==> flow/design.v <==
module reg_file_p (i_clk, wen, write_addr, wr_data, rsel, read_data);
   parameter NUM_REGS = 96;
   parameter XLEN = 4;
   parameter N_READ = 2;
   localparam ADDR_W = $clog2(NUM_REGS);
   input i_clk;
   input wen;
   input [ADDR_W-1:0] write_addr;
   input [XLEN-1:0] wr_data;
   input [N_READ*ADDR_W-1:0] rsel;
   output [N_READ*XLEN-1:0] read_data;
   reg [XLEN-1:0] rf [0:NUM_REGS-1];
   always @(posedge i_clk) begin
      if (wen)
         rf[write_addr] <= wr_data;
   end
   wire [N_READ*XLEN-1:0] r;
   genvar m;
   generate
      for (m = 0; m < N_READ; m = m + 1) begin : stage
         assign r[m*XLEN +: XLEN] = rf[rsel[m*ADDR_W +: ADDR_W]];
      end
   endgenerate
   assign read_data = r;
endmodule
## Tool chain data of reg_file_p

Tool output for the design above, in the order of the flow.
Line numbers count from 1 in the design file above.
Cell names lack the library's common part.
The mark n/a stands for no value.

| design | value |
|---|---|
| top module | reg_file_p |
| clock input | i_clk |
| library | sky130hd |
| corner | tt_025C_1v80 |

## After elaboration

Counts by Yosys on the flattened word-level netlist (proc, flatten, opt, wreduce; memories kept). Register bits leave out memories and registers merged into their read ports (data or address); mux counts leave out enables and synchronous resets folded into registers. Print and check cells are left out. Cells with the same type and inputs are merged into one.
Memory sizes are those after Yosys's memory passes, which may raise the word count (mostly to a power of two), join words into wider ones and drop unused or constant bits.

| cells by class | value |
|---|---|
| $add $sub $neg | 0 |
| equal/unequal tests | 0 |
| magnitude comparators | 0 |
| shift operators | 0 |
| multiplexer cells | 3 |
| multiply operators | 0 |
| reductions and logical operators | 0 |
| divide/modulo/power cells | 0 |
| bitwise logic cells | 0 |

Operator list:

| kind | count |
|---|---|
| two-way mux 7 bit | 1 |
| two-way mux 4 bit | 1 |
| two-way mux 1 bit | 1 |

| bit counts | value |
|---|---|
| memory cells | 1 |
| input bits | 27 |
| memory bits (writable) | 384 |
| latch bits | 0 |
| bits in registers | 0 |
| elaborated cells | 4 |
| bits in read-only memories | 0 |
| clocked read ports x word width | 0 |

Memories:

| memory | words | width | read ports | write ports | RTL line | source |
|---|---|---|---|---|---|---|
| rf | 96 | 4 | 2 | 1 | 12 | `reg [XLEN-1:0] rf [0:NUM_REGS-1];` |

## Depth

Longest topological path by Yosys (ltp), each cell counted once; first at word level (registers and memories cut), then after technology mapping (sequential cells cut; the memories' decode and read muxes count).

| logic depth | value |
|---|---|
| word-level depth | 1 |
| ABC_AREA | 1 |
| depth in mapped cells | 14 |
| mapped depth without buffers | 11 |

## Synthesis result

The flow's flattened synthesis, as Yosys stat reports it; memories are mapped. The netlist is that of the ABC_AREA named above (0 if unset); the other value can give another one.
Totals and module areas in this step are rounded.

| synthesis totals | value |
|---|---|
| sequential part of the area | 0.01153 mm^2 |
| standard cells after synthesis | 2290 |
| chip area (Yosys) | 0.0199 mm^2 |
| buffer cells | 160 |
| mapped flip-flops | 384 |

Cell types:

| cell | count | area in all (um^2) |
|---|---|---|
| edfxtp_1 | 384 | 1.15E+04 |
| nand2_1 | 865 | 3.25E+03 |
| nand3_1 | 512 | 2.56E+03 |
| nor2_1 | 176 | 660.634 |
| buf_2 | 68 | 340.326 |
| a21oi_1 | 60 | 300.288 |
| buf_4 | 38 | 285.274 |
| o21ai_0 | 53 | 265.254 |
| o31ai_1 | 22 | 165.158 |
| clkbuf_1 | 33 | 123.869 |
| inv_1 | 30 | 112.608 |
| o221ai_1 | 10 | 87.584 |
| buf_6 | 7 | 78.826 |
| buf_1 | 14 | 52.55 |
| nor3_1 | 10 | 50.048 |
| o21ai_1 | 3 | 15.014 |
| inv_4 | 2 | 12.512 |
| inv_2 | 2 | 7.507 |
| clkinv_1 | 1 | 3.754 |

## Worst setup path after synthesis

Source: OpenSTA report_checks on the synthesized netlist (no wires, ideal clock, input and output delay 20% of the period each), path of least setup slack; recovery checks are left aside. Register names are those of the netlist, which keeps one name where synthesis merged equal registers.

| timing after synthesis | value |
|---|---|
| path type | input to output |
| start | in rsel[0] |
| end | out read_data[0] |
| slack | 1151 ps |
| stages on the path | 9 |
| arrival | 1809 ps |
| clock period | 3700 ps |
| delay of the path | 1069 ps |
| input delay | 740 ps |
| synthesis period reached | 2549 ps |

"delay of the path" is the arrival time less input delay plus setup time.
At an output port there is no setup time.
"stages on the path": output pins that drive a net of the path, with the launching flip-flop's if there is one; two outputs of one cell count as two.
"synthesis period reached" is the clock period less the worst setup slack; recovery checks do not enter. This is arithmetic on one report: input and output delays are still those of the set period (20% each).
The rows between start and end are the longest chain of elaborated cells between them; the timing report does not say that the signal goes this way. Where chains are equally long, one stands for them.
Each line given opens the expression or statement behind the cell; cells for indexed reads and writes are added by Yosys, which also makes memories of some case tables.
The chain passes a memory read, where the word-level depth is cut; so it can be longer than that depth.

| between the ends, after synthesis | value |
|---|---|
| cell sequence | buf_4 > buf_6 > buf_2 > o21ai_0 > nor2_1 > o31ai_1 > nand3_1 > nand3_1 > nand2_1 |
| cells in the longest elaborated chain | 1 |

RTL lines, path after synthesis:

| item | RTL line | source |
|---|---|---|
| from (decl) | 10 | `input [N_READ*ADDR_W-1:0] rsel;` |
| memory (96 x 4 bit) | 12 | `reg [XLEN-1:0] rf [0:NUM_REGS-1];` |
| to (decl) | 11 | `output [N_READ*XLEN-1:0] read_data;` |

## Worst path after layout

Path of least setup slack in the final report of job 1 (OpenROAD, finished layout, wires in). Where an end is a register, its clock arrival counts in the times.
The report prints the path's times to 10 ps; the period is as set.

| timing post-layout | value |
|---|---|
| path type | input to output |
| start | in rsel[0] |
| end | out read_data[1] |
| clock period | 2950 ps |
| slack | 240 ps |
| input delay | 590 ps |
| stages on the path | 14 |
| arrival | 2120 ps |

The rows between start and end are the longest chain of elaborated cells between them; the timing report does not say that the signal goes this way. Where chains are equally long, one stands for them.
The chain passes a memory read, where the word-level depth is cut; so it can be longer than that depth.

| between the ends, post-layout | value |
|---|---|
| cell sequence | buf_16 > buf_12 > buf_12 > buf_12 > buf_16 > nand2_1 > nand3_2 > nand2_2 > a21oi_2 > o31ai_4 > nand3_4 > nand3_2 > nand2_2 > buf_6 |
| cells in the longest elaborated chain | 1 |

RTL lines, path post-layout:

| item | RTL line | source |
|---|---|---|
| from (decl) | 10 | `input [N_READ*ADDR_W-1:0] rsel;` |
| memory (96 x 4 bit) | 12 | `reg [XLEN-1:0] rf [0:NUM_REGS-1];` |
| to (decl) | 11 | `output [N_READ*XLEN-1:0] read_data;` |

Below are 3 stored runs of the flow (Yosys, OpenROAD; platform sky130hd) on reg_file_p, each with its settings and what was measured, unordered. Constraints: input delay and output delay 20% of the set period each, output load 0.01 pF.
"time used up by the worst setup path" = time allowed to the worst setup path (clock period - input delay - output delay, where it has them) - its slack; a late launch clock adds to it, a late capture clock takes from it.
"time used up by the worst setup path" is known to 10 ps.
Results are given in rounded form.

#### Job 1

| setting | value |
|---|---|
| period_ns | `2.95` |
| CORE_UTILIZATION | `38` |
| SETUP_SLACK_MARGIN | `0.45` |
| PLACE_DENSITY_LB_ADDON | `0.28` |
| ABC_AREA | `1` |
| GPL_TIMING_DRIVEN | `1` |
| CAP_MARGIN | `35` |
| MAX_ROUTING_LAYER | `met5` |
| CORE_MARGIN | `2` |
| SLEW_MARGIN | `20` |

| result | value |
|---|---|
| synthesized cell area | 0.0199 mm^2 |
| time used up by the worst setup path | 1530 ps |
| kind of the worst setup path | input to output |
| total negative slack | 0 ps |
| overall die area | 0.05422 mm^2 |
| std-cell area (final layout) | 0.02546 mm^2 |
| smallest setup slack | 237 ps |

#### Job 2

| setting | value |
|---|---|
| period_ns | `3.7` |
| CAP_MARGIN | `20` |
| CORE_MARGIN | `2` |
| CORE_UTILIZATION | `40` |
| SLEW_MARGIN | `20` |

| result | value |
|---|---|
| total negative slack | 0 ps |
| synthesized cell area | 0.01861 mm^2 |
| time used up by the worst setup path | 2180 ps |
| kind of the worst setup path | input to output |
| smallest setup slack | 41 ps |
| overall die area | 0.04826 mm^2 |
| std-cell area (final layout) | 0.0227 mm^2 |

#### Job 3

| setting | value |
|---|---|
| period_ns | `2.73` |
| CORE_UTILIZATION | `25` |
| PLACE_DENSITY_LB_ADDON | `0.02` |
| CELL_PAD_IN_SITES_GLOBAL_PLACEMENT | `3` |
| GPL_ROUTABILITY_DRIVEN | `1` |
| CAP_MARGIN | `5` |
| SLEW_MARGIN | `25` |
| CORE_MARGIN | `2` |

| result | value |
|---|---|
| total negative slack | -4138 ps |
| time used up by the worst setup path | 2850 ps |
| kind of the worst setup path | register to output |
| synthesized cell area | 0.01861 mm^2 |
| smallest setup slack | -662 ps |
| std-cell area (final layout) | 0.02468 mm^2 |
| overall die area | 0.07663 mm^2 |
